==> flow/design.v <==
module alu_arith_stage #(
  parameter BITS = 72
) (
  input  wire i_clk,
  input  wire RSTN,
  input  wire [BITS-1:0] u,
  input  wire [BITS-1:0] v,
  input  wire minus,
  output reg [BITS:0] diff
);
  always @(posedge i_clk) begin
    if (!RSTN) begin
      diff <= 0;
    end else begin
      diff <= minus ? u - v : u + v;
    end
  end
endmodule
# From RTL to reports: alu_arith_stage
# Tool output for the design above, in the order of the flow.
# Lines are those of the file above, counted from 1.
# Library cell names are shortened.
design:
  top: "alu_arith_stage"
  clk_port: "i_clk"
  cell_library: "sky130hd"
  corner: "tt_025C_1v80"

# Word-level counts
# Source: Yosys, flattened and elaborated, memories not mapped. Widths are those after wreduce; folded enables and synchronous resets count as part of the registers. Registers that Yosys merges into a memory's read port (data or address) are not register bits. Print and check cells do not count. Equal cells are merged and count once.
op_classes:
  n_addsub: 2
  n_mux: 1
op_table:
  columns: ["operator", "count"]
  rows:
  - ["72-bit by 72-bit adder with 73-bit output", 1]
  - ["72-bit by 72-bit subtractor with 73-bit output", 1]
  - ["73-bit 2-to-1 mux", 1]
bits:
  regBits: 73
  inputBits: 147
  out_inout_bits: 73
  word_cells: 4

# Logic depth
# Longest topological path by Yosys (ltp), each cell counted once; first at word level (registers and memories cut), then after technology mapping (sequential cells cut; the memories' decode and read muxes count).
depth:
  depth_word: 2
  ABC_AREA: 0
  depth_mapped: 22
  ltp_nobuf: 21

# Netlist
# Yosys stat after the flow's synthesis: flattened, memories mapped to cells. It holds for the ABC_AREA given above (unset counts as 0); a run with the other value may have another netlist.
mapped:
  cell_count: 1089
  synth_area_um2: 8003.9
  sequential_area_um2: 1461.4
  ff_cells: 73
  buf_cells: 52
types:
  columns: ["type", "count", "area_total_um2"]
  rows:
  - ["dfxtp_1", 73, 1.46E+03]
  - ["xnor2_1", 105, 919.632]
  - ["ha_1", 73, 913.376]
  - ["a21oi_1", 124, 620.595]
  - ["nor2_1", 155, 581.808]
  - ["a21o_1", 51, 382.867]
  - ["nand2_1", 68, 255.245]
  - ["xor2_1", 28, 245.235]
  - ["o21ai_0", 38, 190.182]
  - ["nand4_1", 28, 175.168]
  - ["clkbuf_1", 43, 161.405]
  - ["inv_1", 40, 150.144]
  - ["nor3_1", 30, 150.144]
  - ["a31oi_1", 22, 137.632]
  - ["o21bai_1", 13, 97.594]
  - ["nand3_1", 19, 95.091]
  - ["nand2b_1", 13, 81.328]
  - ["nor4_1", 12, 75.072]
# Other cell types: 58; their cells: 154.

# Timing after synthesis
# OpenSTA on the mapped netlist: ideal clock, no wires. The path of least setup slack (recovery checks aside). Input and output delay are each 20% of the period. Register names are those of the netlist, which keeps one name where synthesis merged equal registers.
synth_timing:
  kind: "input to register"
  start: "input port v[40]"
  end: "register diff[70]"
  period_ns: 6.81
  input_delay_ns: 1.362
  setup_ns: 0.127
  launch_ns: 1.362
  arrival_time_ns: 5.591
  required_ns: 6.683
  slack_ns: 1.092
  delay_ns: 4.356
  path_stages: 20
  path_buffers: 1
  synth_period_reached_ns: 5.718
# "delay_ns" = arrival - input delay + setup time.
# "path_stages" counts driving pins, that of a launching flip-flop among them; a cell with two outputs on the path counts twice.
# "synth_period_reached_ns" is the clock period less the worst setup slack; recovery checks do not enter. This is arithmetic on one report: input and output delays are still those of the set period (20% each).
# The rows between start and end are the longest chain of elaborated cells between them; the timing report does not say that the signal goes this way. Where chains are equally long, one stands for them.
# Each line given opens the expression or statement behind the cell; cells for indexed reads and writes are added by Yosys, which also makes memories of some case tables.
synth_between:
  path_cell_list: "or4_4 or3_4 nor3_2 nand2b_1 or4_1 nor3b_1 a31o_2 xor2_1 ha_1 clkbuf_1 a21oi_1 o21ai_0 a21o_1 a21o_1 a31oi_1 nand3b_1 a21oi_1 a211o_2 mux2i_1 or3_1"
  elab_chain_cells: 2
  cells_between: 3
  cone_lines: 1
  cone_classes: "add/sub (2); mux (1)"
synth_lines:
  columns: ["element", "line_no", "rtl"]
  rows:
  - ["from (decl)", 7, "input  wire [BITS-1:0] v,"]
  - ["72-bit by 72-bit adder with 73-bit output", 15, "diff <= minus ? u - v : u + v;"]
  - ["73-bit 2-to-1 mux", 15, null]
  - ["to (assign)", 13, "diff <= 0;"]
  - ["to (assign)", 15, null]
  - ["to (decl)", 9, "output reg [BITS:0] diff"]

# Worst path after layout
# Path of least setup slack in the final report of stored run 1 (OpenROAD, finished layout, wires in). Where an end is a register, its clock arrival counts in the times.
layout_timing:
  kind: "input to register"
  start: "input port v[41]"
  end: "register diff[54]"
  period_ns: 6.23
  input_delay_ns: 1.25
  setup_ns: 0.11
  launch_ns: 1.25
  arrival_time_ns: 5.62
  required_ns: 6.48
  slack_ns: 0.86
  path_stages: 24
  path_buffers: 10
# The rows between start and end are the longest chain of elaborated cells between them; the timing report does not say that the signal goes this way. Where chains are equally long, one stands for them.
layout_between:
  path_cell_list: "buf_6 or4_4 or3_4 nor3_4 nand2b_1 or4_4 nor3b_2 a31o_2 xor2_2 ha_4 a21oi_4 o21ai_2 buf_4 buf_4 buf_4 buf_4 buf_4 buf_4 buf_4 buf_4 buf_4 a31oi_1 xnor2_1 nor2_1"
  elab_chain_cells: 2
  cells_between: 3
  cone_lines: 1
  cone_classes: "add/sub (2); mux (1)"
layout_lines:
  columns: ["element", "line_no", "rtl"]
  rows:
  - ["from (decl)", 7, "input  wire [BITS-1:0] v,"]
  - ["72-bit by 72-bit adder with 73-bit output", 15, "diff <= minus ? u - v : u + v;"]
  - ["73-bit 2-to-1 mux", 15, null]
  - ["to (assign)", 13, "diff <= 0;"]
  - ["to (assign)", 15, null]
  - ["to (decl)", 9, "output reg [BITS:0] diff"]

# 3 stored runs of alu_arith_stage in the flow (synthesis by Yosys, layout by OpenROAD, sky130hd cells), in arbitrary order. Constraints: input delay and output delay 20% of the set period each, output load 0.01 pF.
# By "achievedPeriod_ns" is meant the clock period of the run minus its worst setup slack. This is arithmetic on one report: input and output delays are still those of the set period (20% each).
# "worst_path_time_ns" means the part of the period allowed to the worst setup path (the constraints hold back 20% at inputs and 20% at outputs) less its slack; where the path has registers, the arrival times of their clocks count too.
# "design_power_uw": no workload was simulated; the value follows from the tool's default switching activity.
runs:
  - name: "stored run 1"
    settings:
      period_ns: 6.23
      CORE_UTILIZATION: 27
      SETUP_SLACK_MARGIN: 1.17
      TNS_END_PERCENT: 20
      GPL_ROUTABILITY_DRIVEN: 0
      CTS_CLUSTER_SIZE: 79
      CTS_CLUSTER_DIAMETER: 78
      MAX_ROUTING_LAYER: "met4"
      CAP_MARGIN: 20
      CORE_MARGIN: 2
      SLEW_MARGIN: 20
    results:
      worstSetupSlack_ns: 0.863
      post_route_util_frac: 0.433
      worst_hold_slack_ns: 1.384
      tns_setup_ns: 0.000
      synth_area_um2: 8003.9
      worst_path_time_ns: 4.12
      worst_path_kind: "input to register"
      design_power_uw: 2758
      design.die.area_um2: 31037.6
      achievedPeriod_ns: 5.367
      final_stdcell_area_um2: 12732.2
  - name: "stored run 2"
    settings:
      period_ns: 3.92
      CORE_UTILIZATION: 32
      SETUP_SLACK_MARGIN: 0.23
      PLACE_DENSITY_LB_ADDON: 0.01
      CELL_PAD_IN_SITES_GLOBAL_PLACEMENT: 3
      CELL_PAD_IN_SITES_DETAIL_PLACEMENT: 2
      GPL_TIMING_DRIVEN: 1
      GPL_ROUTABILITY_DRIVEN: 0
      CTS_CLUSTER_SIZE: 69
      CAP_MARGIN: 20
      CORE_MARGIN: 2
      SLEW_MARGIN: 20
    outcome: "not finished: placement ended with error DPL-0033"
  - name: "stored run 3"
    settings:
      period_ns: 6.81
      CAP_MARGIN: 20
      CORE_MARGIN: 2
      CORE_UTILIZATION: 40
      SLEW_MARGIN: 20
    results:
      worstSetupSlack_ns: 0.331
      post_route_util_frac: 0.556
      worst_hold_slack_ns: 1.670
      tns_setup_ns: 0.000
      synth_area_um2: 8003.9
      worst_path_time_ns: 5.12
      worst_path_kind: "input to register"
      design_power_uw: 2218
      design.die.area_um2: 21157.2
      achievedPeriod_ns: 6.479
      final_stdcell_area_um2: 10862.9
